==> flow/design.v <==
module sync_mul_unit_stage #(
  parameter int DATA_W = 32
) (
  input logic sys_clk,
  input logic [DATA_W-1:0] a_i,
  input logic [DATA_W-1:0] b_i,
  input logic zero_i,
  output logic [2*DATA_W-1:0] m_o,
  output logic fin_o
);
  logic [DATA_W-1:0] a_reg;
  logic [DATA_W-1:0] b_reg;
  logic zero_reg;
  localparam int SEL_W = $clog2(DATA_W + 1);
  logic [DATA_W-1:0] mcand;
  logic [SEL_W-1:0] left;
  logic [2*DATA_W-1:0] state;
  logic [DATA_W:0] work;
  assign work = state[2*DATA_W-1:DATA_W] + (state[0] ? mcand : {DATA_W{1'b0}});
  assign m_o = state;
  assign fin_o = (left == 0);
  always_ff @(posedge sys_clk) begin
    a_reg <= a_i;
    b_reg <= b_i;
    zero_reg <= zero_i;
    mcand <= zero_reg ? a_reg : mcand;
    left <= zero_reg ? DATA_W : (left != 0) ? left - 1'b1 : left;
    state <= zero_reg ? {{DATA_W{1'b0}}, b_reg} : (left != 0) ? {work, state[DATA_W-1:1]} : state;
  end
endmodule
# Reports on sync_mul_unit_stage

What the tools print for sync_mul_unit_stage, step after step.
Line numbers count from 1 in the design file above.
Operators carry their Yosys type and port widths (W data, S select, Z words).
Library cell names are shortened.
A cell with - has no value.

Top module: sync_mul_unit_stage
Clock input: sys_clk
Library: sky130hd
Corner: tt_025C_1v80

# Elaborated design

Yosys after proc, flatten, opt, wreduce and memory -nomap, before mapping. Memory bits, and registers merged into a memory's read port (data or address), are not among the register bits. Print and check cells are not counted. Equal cells are merged and count once.

Word-level cells: 15
Bits in registers: 167

Mux-type cells: 3
Reductions and logical operators: 3
$add $sub $neg: 2

Operators by type and width:

| kind                  | count |
| $mux W32              | 3 |
| $add A32 B32 Y33      | 1 |
| $sub A6 B1 Y6 const B | 1 |
| $logic_not A6 Y1      | 1 |
| $reduce_bool A6 Y1    | 1 |
| $reduce_bool A2 Y1    | 1 |

# Longest topological paths

Depth = most cells in a row (Yosys ltp): at word level without a register or memory, in the mapped netlist without a sequential cell, where the memories' decode and read muxes count.

Word-level depth: 4
ABC_AREA: 0
Gate-level depth with buffers: 12
Gate-level depth less buffers: 11

# Mapped cells and area

Source: synth_stat.txt of the flow (Yosys; design flattened, memories mapped). It holds for the ABC_AREA given above (unset counts as 0); a run with the other value may have another netlist.
Totals and module areas in this step are rounded.

Buffers: 23
Flip-flop cells: 167
Mapped cells: 594
Chip area (Yosys): 6938 um^2

Cell types:

| cell     | count | area in all (um^2) |
| dfxtp_1  | 103   | 2.06E+03 |
| edfxtp_1 | 64    | 1.92E+03 |
| ha_1     | 34    | 425.408 |
| mux2_2   | 32    | 360.346 |
| a21oi_1  | 50    | 250.24 |
| nand2_1  | 66    | 247.738 |
| and2_1   | 34    | 212.704 |
| xnor2_1  | 17    | 148.893 |
| a21o_1   | 16    | 120.115 |
| xor2_1   | 13    | 113.859 |
| nor2_1   | 19    | 71.318 |
| o21ai_0  | 14    | 70.067 |
| clkbuf_1 | 15    | 56.304 |
| a211oi_1 | 7     | 52.55 |
| o211ai_1 | 6     | 45.043 |
| a31oi_1  | 6     | 37.536 |
| o21bai_1 | 5     | 37.536 |
| nand2b_1 | 5     | 31.28 |

Not listed: further types 46, cells in them 88.

# Timing after synthesis

OpenSTA on the mapped netlist: ideal clock, no wires. The path of least setup slack (recovery checks aside). Input and output delay are each 20% of the period. Register names are those of the netlist, which keeps one name where synthesis merged equal registers.

Path kind: register to register
Start: reg state[0]
End: reg state[61]
Path buffers: 1
Stages: 13
Path delay: 2940 ps
Clock period: 3670 ps
Setup slack: 730 ps
Required time: 3544 ps
Arrival time: 2814 ps
Synthesis period reached: 2940 ps

"path delay" is the arrival time less input delay plus setup time.
"stages" counts driving pins, that of a launching flip-flop among them; a cell with two outputs on the path counts twice.
"synthesis period reached" is the clock period less the worst setup slack; recovery checks do not enter. This is arithmetic on one report: input and output delays are still those of the set period (20% each).
The rows between start and end are the longest chain of elaborated cells between them; the timing report does not say that the signal goes this way. Where chains are equally long, one stands for them.
Each line given opens the expression or statement behind the cell; cells for indexed reads and writes are added by Yosys, which also makes memories of some case tables.

Cell sequence: edfxtp_1 clkbuf_1 and2_1 ha_1 fa_1 a21o_1 a221o_1 a21o_1 a21oi_2 o31ai_2 nor3_2 mux2i_1 o22ai_1
Cells in the longest elaborated chain: 2

Ends and longest elaborated chain, after synthesis:

| item             | line | source |
| start, declared  | 17   | `logic [2*DATA_W-1:0] state;` |
| start, assigned  | 28   | `state <= zero_reg ? {{DATA_W{1'b0}}, b_reg} : (left != 0) ? {work, state[DATA_W-1:1]} : state;` |
| $mux W32         | 19   | `assign work = state[2*DATA_W-1:DATA_W] + (state[0] ? mcand : {DATA_W{1'b0}});` |
| $add A32 B32 Y33 | 19   |  |
| end, assigned    | 28   |  |
| end, declared    | 17   |  |

# Path in the finished layout

Path of least setup slack in the final report of run 1 (OpenROAD, finished layout, wires in). Where an end is a register, its clock arrival counts in the times.
The report prints the path's times to 10 ps; the period is as set.

Path kind: register to register
Start: reg state[0]
End: reg state[62]
Required time: 3990 ps
Stages: 11
Clock period: 3670 ps
Arrival time: 3530 ps
Path buffers: 1
Setup slack: 460 ps

The rows between start and end are the longest chain of elaborated cells between them; the timing report does not say that the signal goes this way. Where chains are equally long, one stands for them.

Cell sequence: edfxtp_1 buf_4 and2_1 ha_1 and4_1 nand4_1 o41a_1 a21oi_1 a31o_1 xor2_1 a22o_1
Cells in the longest elaborated chain: 2

Ends and longest elaborated chain, after layout:

| item             | line | source |
| start, declared  | 17   | `logic [2*DATA_W-1:0] state;` |
| start, assigned  | 28   | `state <= zero_reg ? {{DATA_W{1'b0}}, b_reg} : (left != 0) ? {work, state[DATA_W-1:1]} : state;` |
| $mux W32         | 19   | `assign work = state[2*DATA_W-1:DATA_W] + (state[0] ? mcand : {DATA_W{1'b0}});` |
| $add A32 B32 Y33 | 19   |  |
| end, assigned    | 28   |  |
| end, declared    | 17   |  |

Add stored flow runs of sync_mul_unit_stage

Top module sync_mul_unit_stage; platform sky130hd; tools Yosys and OpenROAD; 2 stored runs in no particular order. Input and output delays are each 20% of the period that was set; the output load is 0.01 pF.
"period reached": clock period set for the run, less the worst setup slack. It is reckoned from that one timing run; input and output delays stay at 20% of the period that was set.
"time on the worst setup path" = time allowed to the worst setup path (clock period - input delay - output delay, where it has them) - its slack; a late launch clock adds to it, a late capture clock takes from it.
"total design power" rests on the timing tool's default activity at the inputs, not on a simulated workload.
"time on the worst setup path" is given in steps of 10 ps.
Measured values are rounded.

## Run 1

==> flow/run.sh <==
#!/bin/bash
# the make line also repeats the synthesis and layout settings of config.mk as NAME=value (left out here)
make -C /OpenROAD-flow-scripts/flow DESIGN_CONFIG=/design/flow/config.mk WORK_HOME=/design/flow/orfs CLKGATE_MAP_FILE= finish
==> flow/config.mk <==
export PLATFORM = sky130hd
export DESIGN_NAME = sync_mul_unit_stage
export DESIGN_NICKNAME = sync_mul_unit_stage
export VERILOG_FILES = /design/flow/design.v
export SDC_FILE = /design/flow/constraint.sdc
export NUM_CORES = 4
export LEC_CHECK = 0
export CAP_MARGIN = 20
export CORE_MARGIN = 2
export CORE_UTILIZATION = 40
export SLEW_MARGIN = 20
==> flow/constraint.sdc <==
create_clock -name core_clock -period 3.67 [get_ports {sys_clk}]
set_input_delay 0.7340 -clock core_clock [delete_from_list [all_inputs] [get_ports {sys_clk}]]
set_output_delay 0.7340 -clock core_clock [all_outputs]
set_load 0.01 [all_outputs]

| result of run 1 | value |
|---|---|
| synthesized cell area | 6938 um^2 |
| die footprint | 18410 um^2 |
| std-cell area (final layout) | 9029 um^2 |
| utilization | 52.7% |
| worst setup slack after layout | 461 ps |
| post-route setup TNS | 0 ps |
| worst hold slack after layout | 403 ps |
| total design power | 6761 µW |
| period reached | 3209 ps |
| time on the worst setup path | 3210 ps |
| worst path kind | register to register |

## Run 2

==> flow/run.sh <==
#!/bin/bash
# the make line also repeats the synthesis and layout settings of config.mk as NAME=value (left out here)
make -C /OpenROAD-flow-scripts/flow DESIGN_CONFIG=/design/flow/config.mk WORK_HOME=/design/flow/orfs CLKGATE_MAP_FILE= finish
==> flow/config.mk <==
export PLATFORM = sky130hd
export DESIGN_NAME = sync_mul_unit_stage
export DESIGN_NICKNAME = sync_mul_unit_stage
export VERILOG_FILES = /design/flow/design.v
export SDC_FILE = /design/flow/constraint.sdc
export NUM_CORES = 4
export LEC_CHECK = 0
export CAP_MARGIN = 20
export CELL_PAD_IN_SITES_DETAIL_PLACEMENT = 2
export CORE_MARGIN = 4
export CORE_UTILIZATION = 71
export CTS_CLUSTER_SIZE = 28
export MIN_ROUTING_LAYER = met1
export PLACE_DENSITY = 0.88
export SLEW_MARGIN = 20
==> flow/constraint.sdc <==
create_clock -name core_clock -period 3.18 [get_ports {sys_clk}]
set_input_delay 0.6360 -clock core_clock [delete_from_list [all_inputs] [get_ports {sys_clk}]]
set_output_delay 0.6360 -clock core_clock [all_outputs]
set_load 0.01 [all_outputs]

Run 2: stopped before the end: placement reported a tool error
